==> flow/design.v <==
module scratch #(
   parameter ENTRIES = 8,
   parameter WD = 6,
   parameter N_READ = 3,
   parameter NW = 1,
   parameter IDX_W = $clog2(ENTRIES)
) (
   input CLK,
   input [NW-1:0] i_we,
   input [NW*IDX_W-1:0] i_write_addr,
   input [NW*WD-1:0] i_d,
   input [N_READ*IDX_W-1:0] i_rd_addr,
   output reg [N_READ*WD-1:0] o_rd
);
   reg [WD-1:0] rf [0:ENTRIES-1];
   integer idx;
   always @(posedge CLK) begin
      for (idx = 0; idx < NW; idx = idx + 1)
         if (i_we[idx]) rf[i_write_addr[idx*IDX_W +: IDX_W]] <= i_d[idx*WD +: WD];
   end
   wire [N_READ*WD-1:0] val;
   genvar j;
   generate
      for (j = 0; j < N_READ; j = j + 1) begin : row
         assign val[j*WD +: WD] = rf[i_rd_addr[j*IDX_W +: IDX_W]];
      end
   endgenerate
   always @(posedge CLK)
      o_rd <= val;
endmodule
## Reports on scratch

What the tools print for scratch, step after step.
Lines are those of the file above, counted from 1.
Operators: Yosys type, input widths -> output width; for muxes data width and select width s.
Not given: --

| inputs | value |
|---|---|
| top module | scratch |
| clock input | CLK |
| cell library | sky130hd |
| library corner | tt_025C_1v80 |

## Elaborated design

Counts by Yosys on the flattened word-level netlist (proc, flatten, opt, wreduce; memories kept). Register bits leave out memories and registers merged into their read ports (data or address); mux counts leave out enables and synchronous resets folded into registers. Print and check cells are left out. Cells with the same type and inputs are merged into one.
Yosys's memory passes give these memory sizes; they may raise the number of words (mostly to a power of two), join words into wider ones and drop unused or constant bits.

| word-level totals | value |
|---|---|
| register bits | 0 |
| bits in latches | 0 |
| bits in writable memories | 48 |
| memory bits (read-only) | 0 |
| word width x clocked read ports | 18 |
| memories kept | 1 |
| bits of input ports | 20 |
| output and inout bits | 18 |
| elaborated cells | 4 |

Memory list:

| memory | depth | bits a word | rd ports | wr ports | RTL line | text |
|---|---|---|---|---|---|---|
| rf | 8 | 6 | 3 | 1 | 15 | `reg [WD-1:0] rf [0:ENTRIES-1];` |

| operators by class | value |
|---|---|
| add/sub/neg operators | 0 |
| multipliers | 0 |
| div/mod/pow operators | 0 |
| $lt $le $gt $ge | 0 |
| equal/unequal tests | 0 |
| shift operators | 0 |
| mux-type cells | 3 |
| bitwise operators | 0 |
| reductions and logical operators | 0 |

Operators with widths:

| operator | count |
|---|---|
| $mux 6 | 1 |
| $mux 3 | 1 |
| $mux 1 | 1 |

## Logic depth

Yosys ltp: most cells in a row. Word level: on the elaborated netlist, between registers, memories and ports. Mapped: between sequential cells and ports; inverters and the memories' decode and read muxes count.

| depth | value |
|---|---|
| word-level depth | 1 |
| ABC_AREA | 0 |
| mapped depth | 3 |
| depth with buffers taken out | 2 |

## After synthesis

Yosys stat after the flow's synthesis: flattened, memories mapped to cells. It holds for the ABC_AREA given above (unset counts as 0); a run with the other value may have another netlist.

Cell types:

| type | count | total area (µm²) |
|---|---|---|
| sky130_fd_sc_hd__edfxtp_1 | 48 | 1.44E+03 |
| sky130_fd_sc_hd__mux4_1 | 36 | 945.907 |
| sky130_fd_sc_hd__dfxtp_1 | 18 | 360.346 |
| sky130_fd_sc_hd__mux2_2 | 18 | 202.694 |
| sky130_fd_sc_hd__buf_6 | 3 | 33.782 |
| sky130_fd_sc_hd__nor2_1 | 6 | 22.522 |
| sky130_fd_sc_hd__nand2b_1 | 3 | 18.768 |
| sky130_fd_sc_hd__buf_1 | 3 | 11.261 |
| sky130_fd_sc_hd__clkbuf_1 | 3 | 11.261 |
| sky130_fd_sc_hd__nor3_1 | 2 | 10.01 |
| sky130_fd_sc_hd__nand2_1 | 2 | 7.507 |

| mapped netlist | value |
|---|---|
| mapped cells | 142 |
| mapped area | 0.0030654 mm² |
| sequential part of the area | 0.0018017 mm² |
| flip-flops | 66 |
| buffers | 9 |

## Path before layout

Path of least setup slack by OpenSTA after synthesis, without wires, with an ideal clock, recovery checks aside; 20% of the period is set as input and as output delay. Where synthesis merged equal registers, the netlist keeps one of their names.

| timing post-synthesis | value |
|---|---|
| kind | input to register |
| start | input i_rd_addr[0] |
| end | register o_rd[0] |
| period | 1610 ps |
| input delay | 322 ps |
| setup time | 121 ps |
| time at the first pin | 322 ps |
| arrival time | 1233 ps |
| data required time | 1489 ps |
| path slack | 256 ps |
| delay of the path | 1032 ps |
| stages | 3 |
| path buffers | 1 |
| period reached after synthesis | 1354 ps |

"delay of the path" is the arrival time less input delay plus setup time.
"stages" counts driving pins, that of a launching flip-flop among them; a cell with two outputs on the path counts twice.
"period reached after synthesis" = period - worst setup slack (recovery checks aside). The figure is calculated, with input and output delays left at 20% of the set period.

| between the ends, post-synthesis | value |
|---|---|
| cell sequence | sky130_fd_sc_hd__buf_6 > sky130_fd_sc_hd__mux4_1 > sky130_fd_sc_hd__mux2_2 |

Ends and longest elaborated chain, post-synthesis:

| what | RTL line | text |
|---|---|---|
| start: declaration | 12 | `input [N_READ*IDX_W-1:0] i_rd_addr,` |
| end: declaration | 13 | `output reg [N_READ*WD-1:0] o_rd` |

No chain of elaborated cells between the ends is given.

## Timing after layout

From the final timing report of entry A: the path of least setup slack in the routed layout; clock arrival at registers is part of the times.
The report prints the path's times to 10 ps; the period is as set.

| timing post-layout | value |
|---|---|
| kind | input to register |
| start | input i_rd_addr[6] |
| end | register o_rd[13] |
| period | 1610 ps |
| input delay | 320 ps |
| setup time | 110 ps |
| time at the first pin | 320 ps |
| arrival time | 1850 ps |
| data required time | 1830 ps |
| path slack | -10 ps |
| stages | 4 |
| path buffers | 2 |

| between the ends, post-layout | value |
|---|---|
| cell sequence | sky130_fd_sc_hd__clkdlybuf4s50_1 > sky130_fd_sc_hd__buf_4 > sky130_fd_sc_hd__mux4_1 > sky130_fd_sc_hd__mux2_2 |

Ends and longest elaborated chain, post-layout:

| what | RTL line | text |
|---|---|---|
| start: declaration | 12 | `input [N_READ*IDX_W-1:0] i_rd_addr,` |
| end: declaration | 13 | `output reg [N_READ*WD-1:0] o_rd` |

No chain of elaborated cells between the ends is given.

Appendix: measured runs

Record of 3 stored runs of the RTL-to-layout flow on scratch, platform sky130hd. The runs are unordered. Constraints: input delay and output delay 20% of the set period each, output load 0.01 pF.
"reached clock period" is the run's clock period less its worst setup slack. It is reckoned from that one timing run; input and output delays stay at 20% of the period that was set.
"allowed time less slack (worst setup path)" = time allowed to the worst setup path (clock period - input delay - output delay, where it has them) - its slack; a late launch clock adds to it, a late capture clock takes from it.
"total power of the final layout" rests on the timing tool's default activity at the inputs, not on a simulated workload.
"allowed time less slack (worst setup path)" is given in steps of 10 ps.
Settings: n/a = not set for that run.

| run name | period_ns | CAP_MARGIN | CORE_MARGIN | CORE_UTILIZATION | SLEW_MARGIN | SETUP_SLACK_MARGIN | PLACE_DENSITY_LB_ADDON | CORE_ASPECT_RATIO | TNS_END_PERCENT | ABC_AREA | GPL_TIMING_DRIVEN | CTS_CLUSTER_DIAMETER | synthesized cell area (mm²) | die size (mm²) | area of the standard cells in the finished layout (mm²) | final design utilization | worst setup slack after layout (ps) | setup total negative slack (ps) | worst hold slack in the final report (ps) | total power of the final layout (µW) | reached clock period (ps) | allowed time less slack (worst setup path) (ps) | type of the worst setup path |
|---|---|---|---|---|---|---|---|---|---|---|---|---|---|---|---|---|---|---|---|---|---|---|---|
| entry A | 1.61 | 20 | 2 | 40 | 20 | n/a | n/a | n/a | n/a | n/a | n/a | n/a | 0.0030654 | 0.0083796 | 0.0039475 | 0.538 | -12 | -27 | 673 | 3820 | 1622 | 1300 | input to register |
| entry B | 2.52 | 0 | 2 | 59 | 20 | -0.21 | 0.03 | 0.86 | 30 | 1 | 0 | 133 | 0.0035171 | 0.0065965 | 0.004169 | 0.712 | 801 | 0 | 571 | 2650 | 1719 | 1210 | register to output |
| entry C | 2.31 | 10 | 8 | 47 | 20 | 0.39 | n/a | 0.84 | n/a | 1 | n/a | n/a | 0.0035171 | 0.010518 | 0.0041477 | 0.56 | 589 | 0 | 681 | 2813 | 1721 | 1260 | register to output |
